==> flow/design.v <==
module sync_add_unit #(
  parameter DATA_WIDTH = 112
) (
  input logic clk_i,
  input logic rst,
  input logic valid,
  input logic [DATA_WIDTH-1:0] arg0,
  input logic [DATA_WIDTH-1:0] arg1,
  input logic cy_in,
  output logic [DATA_WIDTH-1:0] result,
  output logic carry_out
);
  logic [DATA_WIDTH-1:0] arg0_s;
  logic [DATA_WIDTH-1:0] arg1_s;
  logic cy_in_s;
  logic [DATA_WIDTH-1:0] val;
  logic [DATA_WIDTH:0] carry;
  assign carry[0] = cy_in_s;
  generate
    for (genvar i = 0; i < DATA_WIDTH; i++) begin : g_bit
      assign val[i] = arg0_s[i] ^ arg1_s[i] ^ carry[i];
      assign carry[i+1] = (arg0_s[i] & arg1_s[i]) | (carry[i] & (arg0_s[i] ^ arg1_s[i]));
    end
  endgenerate
  always_ff @(posedge clk_i or posedge rst) begin
    if (rst) begin
      arg0_s <= 0;
      arg1_s <= 0;
      cy_in_s <= 1'b0;
      result <= 0;
      carry_out <= 1'b0;
    end else if (valid) begin
      arg0_s <= arg0;
      arg1_s <= arg1;
      cy_in_s <= cy_in;
      result <= val;
      carry_out <= carry[DATA_WIDTH];
    end
  end
endmodule
Tool chain data of sync_add_unit. What the tools print for sync_add_unit, step after step. Line numbers count from 1 in the design file above. Operators carry their Yosys type and port widths (W data, S select, Z words). Cell names lack the library's common part. The mark n/a stands for no value.

Top module: sync_add_unit. Clock: clk_i. Cell library: sky130hd. Library corner: tt_025C_1v80.

Word level. Yosys after proc, flatten, opt, wreduce and memory -nomap, before mapping. Enables and synchronous resets that opt folds into registers are not counted as muxes. Memory bits, and registers merged into a memory's read port (data or address), are not among the register bits. Print and check cells are not counted. Equal cells are merged and count once.

The figure for bitwise gates (word level) is 560.

Operators with widths (count): $and A1 B1 Y1 (224); $xor A1 B1 Y1 (224); $or A1 B1 Y1 (112).

The entry for word-level cells reads 565. The figure for register bits is 338. The entry for output and inout bits reads 113.

Longest topological paths. Longest topological path by Yosys (ltp), each cell counted once; first at word level (registers and memories cut), then after technology mapping (sequential cells cut; the memories' decode and read muxes count).

Word-level depth: 225. The figure for ABC_AREA is 0. The figure for depth in mapped cells is 116.

After synthesis. Yosys stat after the flow's synthesis: flattened, memories mapped to cells. It holds for the ABC_AREA given above (unset counts as 0); a run with the other value may have another netlist. Totals and module areas in this step are rounded.

Cell types: dfrtp_1 (count 338, total area 8.46E+03 um2); mux2_4 (count 258, total area 3.87E+03 um2); fa_1 (count 112, total area 2242.15 um2); mux2_2 (count 73, total area 822.038 um2); buf_6 (count 30, total area 337.824 um2); buf_2 (count 8, total area 40.038 um2); inv_1 (count 10, total area 37.536 um2); mux2i_1 (count 2, total area 20.019 um2); o21ai_0 (count 4, total area 20.019 um2); nand2_1 (count 4, total area 15.014 um2); a21oi_1 (count 1, total area 5.005 um2); nor2_1 (count 1, total area 3.754 um2).

The entry for cells in the netlist reads 841. The figure for area of sequential cells is 8500 um2. The entry for mapped area reads 16000 um2. For flip-flops the number is 338. For buffer cells the number is 38.

Timing after synthesis. OpenSTA on the mapped netlist: ideal clock, no wires. The path of least setup slack (recovery checks aside). Input and output delay are each 20% of the period. Register names are those of the netlist, which keeps one name where synthesis merged equal registers.

Kind: register to register. Start point: reg arg0_s[0]. End point: reg result[111]. The figure for launch time at the first pin is 0 ps. Under slack stands 10753 ps. For stages the number is 117. For library setup time the number is 79 ps. Path delay: 43047 ps. The figure for clock period is 53800 ps. For buffers on the path the number is 0. The figure for data required time is 53721 ps. Arrival: 42968 ps. The figure for synthesis period reached is 43047 ps.

"path delay" = arrival - input delay + setup time. "stages" counts driving pins, that of a launching flip-flop among them; a cell with two outputs on the path counts twice. "synthesis period reached" = period - worst setup slack (recovery checks aside). The figure is calculated, with input and output delays left at 20% of the set period. Between the ends stands the longest chain of elaborated cells between them, by number of cells; it is not shown to be the way that was timed. Of several equally long chains one is given. A line is the first line of the expression or statement that the cell stems from. Yosys adds cells for indexed reads and writes and turns some case tables into memories.

Path through: dfrtp_1 > fa_1 > fa_1 > fa_1 > fa_1 > fa_1 > fa_1 > fa_1 > fa_1 > fa_1 > fa_1 > fa_1 > fa_1 > fa_1 > fa_1 > fa_1 > fa_1 > fa_1 > (+81 left out) > fa_1 > fa_1 > fa_1 > fa_1 > fa_1 > fa_1 > fa_1 > fa_1 > fa_1 > fa_1 > fa_1 > inv_1 > fa_1 > inv_1 > fa_1 > inv_1 > fa_1 > mux2i_1. The figure for cells in the longest elaborated chain is 224.

Ends and longest elaborated chain, after synthesis: start: declaration (RTL line 13) `logic [DATA_WIDTH-1:0] arg0_s;`; start: assignment (RTL line 27) `arg0_s <= 0;`; start: assignment (RTL line 33) `arg0_s <= arg0;`; $xor A1 B1 Y1 (RTL line 22) `assign carry[i+1] = (arg0_s[i] & arg1_s[i]) | (carry[i] & (arg0_s[i] ^ arg1_s[i]));`; $and A1 B1 Y1 (RTL line 22); $or A1 B1 Y1 (RTL line 22); $and A1 B1 Y1 (RTL line 22); $or A1 B1 Y1 (RTL line 22); $and A1 B1 Y1 (RTL line 22); $or A1 B1 Y1 (RTL line 22); (+210 left out); $and A1 B1 Y1 (RTL line 22); $or A1 B1 Y1 (RTL line 22); $and A1 B1 Y1 (RTL line 22); $or A1 B1 Y1 (RTL line 22); $and A1 B1 Y1 (RTL line 22); $or A1 B1 Y1 (RTL line 22); $xor A1 B1 Y1 (RTL line 21) `assign val[i] = arg0_s[i] ^ arg1_s[i] ^ carry[i];`; end: assignment (RTL line 30) `result <= 0;`; end: assignment (RTL line 36) `result <= val;`; end: declaration (RTL line 10) `output logic [DATA_WIDTH-1:0] result,`.

Worst path after layout. Path of least setup slack in the final report of flow run 2 (OpenROAD, finished layout, wires in). Where an end is a register, its clock arrival counts in the times. The report prints the path's times to 10 ps; the period is as set.

Kind: register to register. Start point: reg arg0_s[0]. End point: reg result[111]. For stages the number is 117. The figure for clock period is 53800 ps. For library setup time the number is 80 ps. Arrival: 45410 ps. The figure for data required time is 54240 ps. For buffers on the path the number is 0. The figure for launch time at the first pin is 520 ps. Under slack stands 8830 ps.

Between the ends stands the longest chain of elaborated cells between them, by number of cells; it is not shown to be the way that was timed. Of several equally long chains one is given.

Path through: dfrtp_1 > fa_1 > fa_1 > fa_1 > fa_1 > fa_1 > fa_1 > fa_1 > fa_1 > fa_1 > fa_1 > fa_1 > fa_1 > fa_1 > fa_1 > fa_1 > fa_1 > fa_1 > (+81 left out) > fa_1 > fa_1 > fa_1 > fa_1 > fa_1 > fa_1 > fa_1 > fa_1 > fa_1 > fa_1 > fa_1 > inv_1 > fa_1 > inv_1 > fa_1 > inv_1 > fa_1 > mux2i_1. The figure for cells in the longest elaborated chain is 224.

Ends and longest elaborated chain, post-layout: start: declaration (RTL line 13) `logic [DATA_WIDTH-1:0] arg0_s;`; start: assignment (RTL line 27) `arg0_s <= 0;`; start: assignment (RTL line 33) `arg0_s <= arg0;`; $xor A1 B1 Y1 (RTL line 22) `assign carry[i+1] = (arg0_s[i] & arg1_s[i]) | (carry[i] & (arg0_s[i] ^ arg1_s[i]));`; $and A1 B1 Y1 (RTL line 22); $or A1 B1 Y1 (RTL line 22); $and A1 B1 Y1 (RTL line 22); $or A1 B1 Y1 (RTL line 22); $and A1 B1 Y1 (RTL line 22); $or A1 B1 Y1 (RTL line 22); (+210 left out); $and A1 B1 Y1 (RTL line 22); $or A1 B1 Y1 (RTL line 22); $and A1 B1 Y1 (RTL line 22); $or A1 B1 Y1 (RTL line 22); $and A1 B1 Y1 (RTL line 22); $or A1 B1 Y1 (RTL line 22); $xor A1 B1 Y1 (RTL line 21) `assign val[i] = arg0_s[i] ^ arg1_s[i] ^ carry[i];`; end: assignment (RTL line 30) `result <= 0;`; end: assignment (RTL line 36) `result <= val;`; end: declaration (RTL line 10) `output logic [DATA_WIDTH-1:0] result,`.

Wiki page: sync_add_unit / flow data

Module sync_add_unit, platform sky130hd: 3 stored runs of the flow (Yosys, OpenROAD) with differing settings, in no particular order. Input and output delays are each 20% of the period that was set; the output load is 0.01 pF. "reached clock period" is the run's clock period less its worst setup slack. It is reckoned from that one timing run; input and output delays stay at 20% of the period that was set. "critical path time": the worst setup path's part of the clock period (all of it between registers, 20% less for each end at a port) less its slack. A launch clock that arrives late makes it longer, a capture clock that arrives late makes it shorter. "total power after layout" rests on the timing tool's default activity at the inputs, not on a simulated workload. "critical path time" is known to 10 ps. Values from the reports are rounded here.

Flow run 1 has these settings: period_ns 52.3; CORE_UTILIZATION 57; PLACE_DENSITY_LB_ADDON 0.19; CORE_MARGIN 10; CELL_PAD_IN_SITES_GLOBAL_PLACEMENT 3; CELL_PAD_IN_SITES_DETAIL_PLACEMENT 1; TNS_END_PERCENT 90; GPL_ROUTABILITY_DRIVEN 1; CAP_MARGIN 30; SLEW_MARGIN 30; MAX_ROUTING_LAYER met4. Outcome: no final report: placement broke off with FLW-0024.

Flow run 2 has these settings: period_ns 53.8; CAP_MARGIN 20; CORE_MARGIN 2; CORE_UTILIZATION 40; SLEW_MARGIN 20. The smallest setup slack stands at 8,800 ps. The worst-case hold slack is 510 ps. The post-route setup TNS reads 0 ps. The die footprint is 41,000 um2. The total power after layout comes to 870 uW. The reached clock period comes to 44,967 ps. The standard-cell area after layout comes to 21,000 um2. The critical path time is 44,970 ps. Class of the worst setup path: register to register. The final utilization reads 54 %. The Yosys chip area after synthesis comes to 16,000 um2.

Flow run 3 has these settings: period_ns 71.0; CORE_UTILIZATION 72; CORE_MARGIN 8; CELL_PAD_IN_SITES_GLOBAL_PLACEMENT 2; GPL_ROUTABILITY_DRIVEN 0; CAP_MARGIN 20; SLEW_MARGIN 20. Outcome: no final report: placement broke off with GPL-0301.
